==> flow/design.v <==
module ex_addsub_n #(
    parameter integer WD = 10
) (
    input core_clk,
    input rst_n,
    input [WD-1:0] da_in,
    input [WD-1:0] db_in,
    output [WD:0] s_out,
    output [WD:0] result_out
);
    reg [WD-1:0] da_ff;
    reg [WD-1:0] db_ff;
    always @(posedge core_clk or negedge rst_n) begin
        if (!rst_n) begin
            da_ff <= 0;
            db_ff <= 0;
        end else begin
            da_ff <= da_in;
            db_ff <= db_in;
        end
    end
    assign s_out = da_ff + db_ff;
    assign result_out = da_ff - db_ff;
endmodule
Subject: tool reports on ex_addsub_n

Hi,

From RTL to reports: ex_addsub_n. A sweep over "WD": the same steps for each member of the family. The RTL above is that of WD = 10; lines are counted from 1 in the file of the member named. Cell names lack the library's common part. The mark n/a stands for no value.

Top module: ex_addsub_n. Clock port: core_clk. Library: sky130hd. Library corner: tt_025C_1v80.

Members of the sweep. New or changed lines of each further member against the RTL above, in its own file; lines it lacks are not shown.

New or changed lines: WD 16 (RTL line 2) `parameter integer WD = 16`; WD 80 (RTL line 2) `parameter integer WD = 80`.

Word-level counts. Source: Yosys, flattened and elaborated, memories not mapped. Widths are those after wreduce; folded enables and synchronous resets count as part of the registers. Registers that Yosys merges into a memory's read port (data or address) are not register bits. Print and check cells do not count. Equal cells are merged and count once.

Storage and ports: WD 10 (flip-flop bits (word level) 20, input bits 22, output and inout port bits 22, word-level cells 4); WD 16 (flip-flop bits (word level) 32, input bits 34, output and inout port bits 34, word-level cells 4); WD 80 (flip-flop bits (word level) 160, input bits 162, output and inout port bits 162, word-level cells 4).

Cells by class (add/subtract/negate cells): WD 10 (2); WD 16 (2); WD 80 (2).

Operators with widths (kind and count): WD 10 (1 x 10-bit by 10-bit adder with 11-bit output; 1 x 10-bit by 10-bit subtractor with 11-bit output); WD 16 (1 x 16-bit by 16-bit adder with 17-bit output; 1 x 16-bit by 16-bit subtractor with 17-bit output); WD 80 (1 x 80-bit by 80-bit adder with 81-bit output; 1 x 80-bit by 80-bit subtractor with 81-bit output).

Longest topological paths. Longest topological path by Yosys (ltp), each cell counted once; first at word level (registers and memories cut), then after technology mapping (sequential cells cut; the memories' decode and read muxes count).

Logic depth: WD 10 (word-level depth 1, ABC_AREA 0, gate-level depth with buffers 9, mapped depth without buffers 9); WD 16 (word-level depth 1, ABC_AREA 0, gate-level depth with buffers 9, mapped depth without buffers 9); WD 80 (word-level depth 1, ABC_AREA 0, gate-level depth with buffers 14, mapped depth without buffers 13).

Netlist. The flow's flattened synthesis, as Yosys stat reports it; memories are mapped. The netlist is that of the ABC_AREA named above (0 if unset); the other value can give another one. Totals and module areas in this step are rounded.

Mapped netlist: WD 10 (mapped cells 152, chip area (Yosys) 1440 µm², sequential area 500 µm², flip-flop cells 20, buffer cells 6); WD 16 (mapped cells 236, chip area (Yosys) 2330 µm², sequential area 801 µm², flip-flop cells 32, buffer cells 9); WD 80 (mapped cells 1751, chip area (Yosys) 14100 µm², sequential area 4000 µm², flip-flop cells 160, buffer cells 79).

Cell types (types with counts): WD 10 (20 x dfrtp_1; 20 x ha_1; 23 x inv_1; 17 x a21oi_1; 9 x xnor2_1; 14 x nor2_1; 6 x xor2_1; 2 x fa_1; 4 x o21bai_1; 2 x a211oi_2; 3 x buf_4; 6 x nand2_1; 2 x o41ai_1; 1 x nand2b_4; 1 x o211ai_2; 1 x o41a_2; 1 x buf_6; 2 x buf_2; (+18)); WD 16 (32 x dfrtp_1; 32 x ha_1; 25 x xnor2_1; 34 x inv_1; 22 x a21oi_1; 13 x nor2_1; 2 x fa_1; 5 x o31ai_1; 4 x a21o_1; 8 x nand2_1; 6 x o21ai_0; 4 x o21bai_1; 1 x a41oi_4; 2 x a31oi_2; 2 x o31ai_2; 3 x buf_4; 2 x buf_6; 3 x o21a_1; (+36)); WD 80 (160 x dfrtp_1; 160 x ha_1; 132 x xnor2_1; 209 x a21oi_1; 160 x nor2_1; 159 x inv_1; 106 x o21ai_0; 95 x nand2_1; 47 x o21bai_1; 42 x nor3_1; 33 x nand4_1; 31 x nor4_1; 25 x a21o_1; 37 x nand3_1; 28 x nor2b_1; 23 x o31ai_1; 44 x clkbuf_1; 18 x xor2_1; (+242)).

A list marked (+n) leaves out that many cells.

Timing after synthesis. OpenSTA on the mapped netlist: ideal clock, no wires. The path of least setup slack (recovery checks aside). Input and output delay are each 20% of the period. Register names are those of the netlist, which keeps one name where synthesis merged equal registers.

Timing after synthesis: WD 10 (path type reg2out, start point reg da_ff[0], end point out result_out[8], period 2.91 ns, slack 0.465 ns, stages on the path 10, delay of the path 1.863 ns, period reached after synthesis 2.445 ns); WD 16 (path type reg2out, start point reg da_ff[0], end point out s_out[16], period 3.29 ns, slack 0.527 ns, stages on the path 9, delay of the path 2.105 ns, period reached after synthesis 2.763 ns); WD 80 (path type reg2out, start point reg da_ff[0], end point out result_out[74], period 4.93 ns, slack 0.790 ns, stages on the path 14, delay of the path 3.154 ns, period reached after synthesis 4.14 ns).

"delay of the path" = arrival - input delay + setup time. A path that ends at an output port has no setup time. "stages on the path": output pins that drive a net of the path, with the launching flip-flop's if there is one; two outputs of one cell count as two. "period reached after synthesis" is the clock period less the worst setup slack; recovery checks do not enter. This is arithmetic on one report: input and output delays are still those of the set period (20% each). The rows between start and end are the longest chain of elaborated cells between them; the timing report does not say that the signal goes this way. Where chains are equally long, one stands for them. A line is the first line of the expression or statement that the cell stems from. Yosys adds cells for indexed reads and writes and turns some case tables into memories.

Between the ends, after synthesis, WD = 10:
Length of the longest elaborated chain: 1.

RTL lines, path after synthesis, WD = 10: start: declaration (RTL line 11) `reg [WD-1:0] da_ff;`; start: assignment (RTL line 15) `da_ff <= 0;`; start: assignment (RTL line 18) `da_ff <= da_in;`; 10-bit by 10-bit subtractor with 11-bit output (RTL line 23) `assign result_out = da_ff - db_ff;`; end: declaration (RTL line 9) `output [WD:0] result_out`.

Between the ends, after synthesis, WD = 80:
Length of the longest elaborated chain: 1.

RTL lines, path after synthesis, WD = 80: start: declaration (RTL line 11) `reg [WD-1:0] da_ff;`; start: assignment (RTL line 15) `da_ff <= 0;`; start: assignment (RTL line 18) `da_ff <= da_in;`; 80-bit by 80-bit subtractor with 81-bit output (RTL line 23) `assign result_out = da_ff - db_ff;`; end: declaration (RTL line 9) `output [WD:0] result_out`.

Worst path after layout. From the final timing report of each member's run: the path of least setup slack in the routed layout; clock arrival at registers is part of the times.

Timing post-layout: WD 10 (path type reg2out, start point reg da_ff[0], end point out result_out[6], period 2.91 ns, slack -0.03 ns, stages on the path 12, arrival time 2.36 ns, buffers on the path 3); WD 16 (path type reg2out, start point reg da_ff[1], end point out s_out[15], period 3.29 ns, slack 0.07 ns, stages on the path 11, arrival time 2.56 ns, buffers on the path 3); WD 80 (path type reg2out, start point reg db_ff[1], end point out s_out[77], period 4.93 ns, slack -0.08 ns, stages on the path 18, arrival time 4.03 ns, buffers on the path 5).

Layout results. One run of the flow (Yosys, OpenROAD) for each member, with settings and measured results. Input and output delays are each 20% of the period that was set; the output load is 0.01 pF.

CAP_MARGIN: 20. The figure for CORE_MARGIN is 2. Under CORE_UTILIZATION stands 40. The entry for SLEW_MARGIN reads 20.

Settings that differ (period_ns): WD 10 (2.91); WD 16 (3.29); WD 80 (4.93).

Final reports: WD 10 (synthesis area 1440 µm², area of the die 4090 µm², standard-cell area after layout 2140 µm², smallest setup slack -0.029 ns, power consumption 928 uW, clock period reached 2.939 ns); WD 16 (synthesis area 2330 µm², area of the die 6460 µm², standard-cell area after layout 3460 µm², smallest setup slack 0.071 ns, power consumption 1340 uW, clock period reached 3.219 ns); WD 80 (synthesis area 14100 µm², area of the die 36900 µm², standard-cell area after layout 20900 µm², smallest setup slack -0.084 ns, power consumption 5620 uW, clock period reached 5.014 ns).

By "clock period reached" is meant the clock period of the run minus its worst setup slack. This is arithmetic on one report: input and output delays are still those of the set period (20% each). "power consumption" rests on the timing tool's default activity at the inputs, not on a simulated workload. Values from the reports are rounded here.

Regards
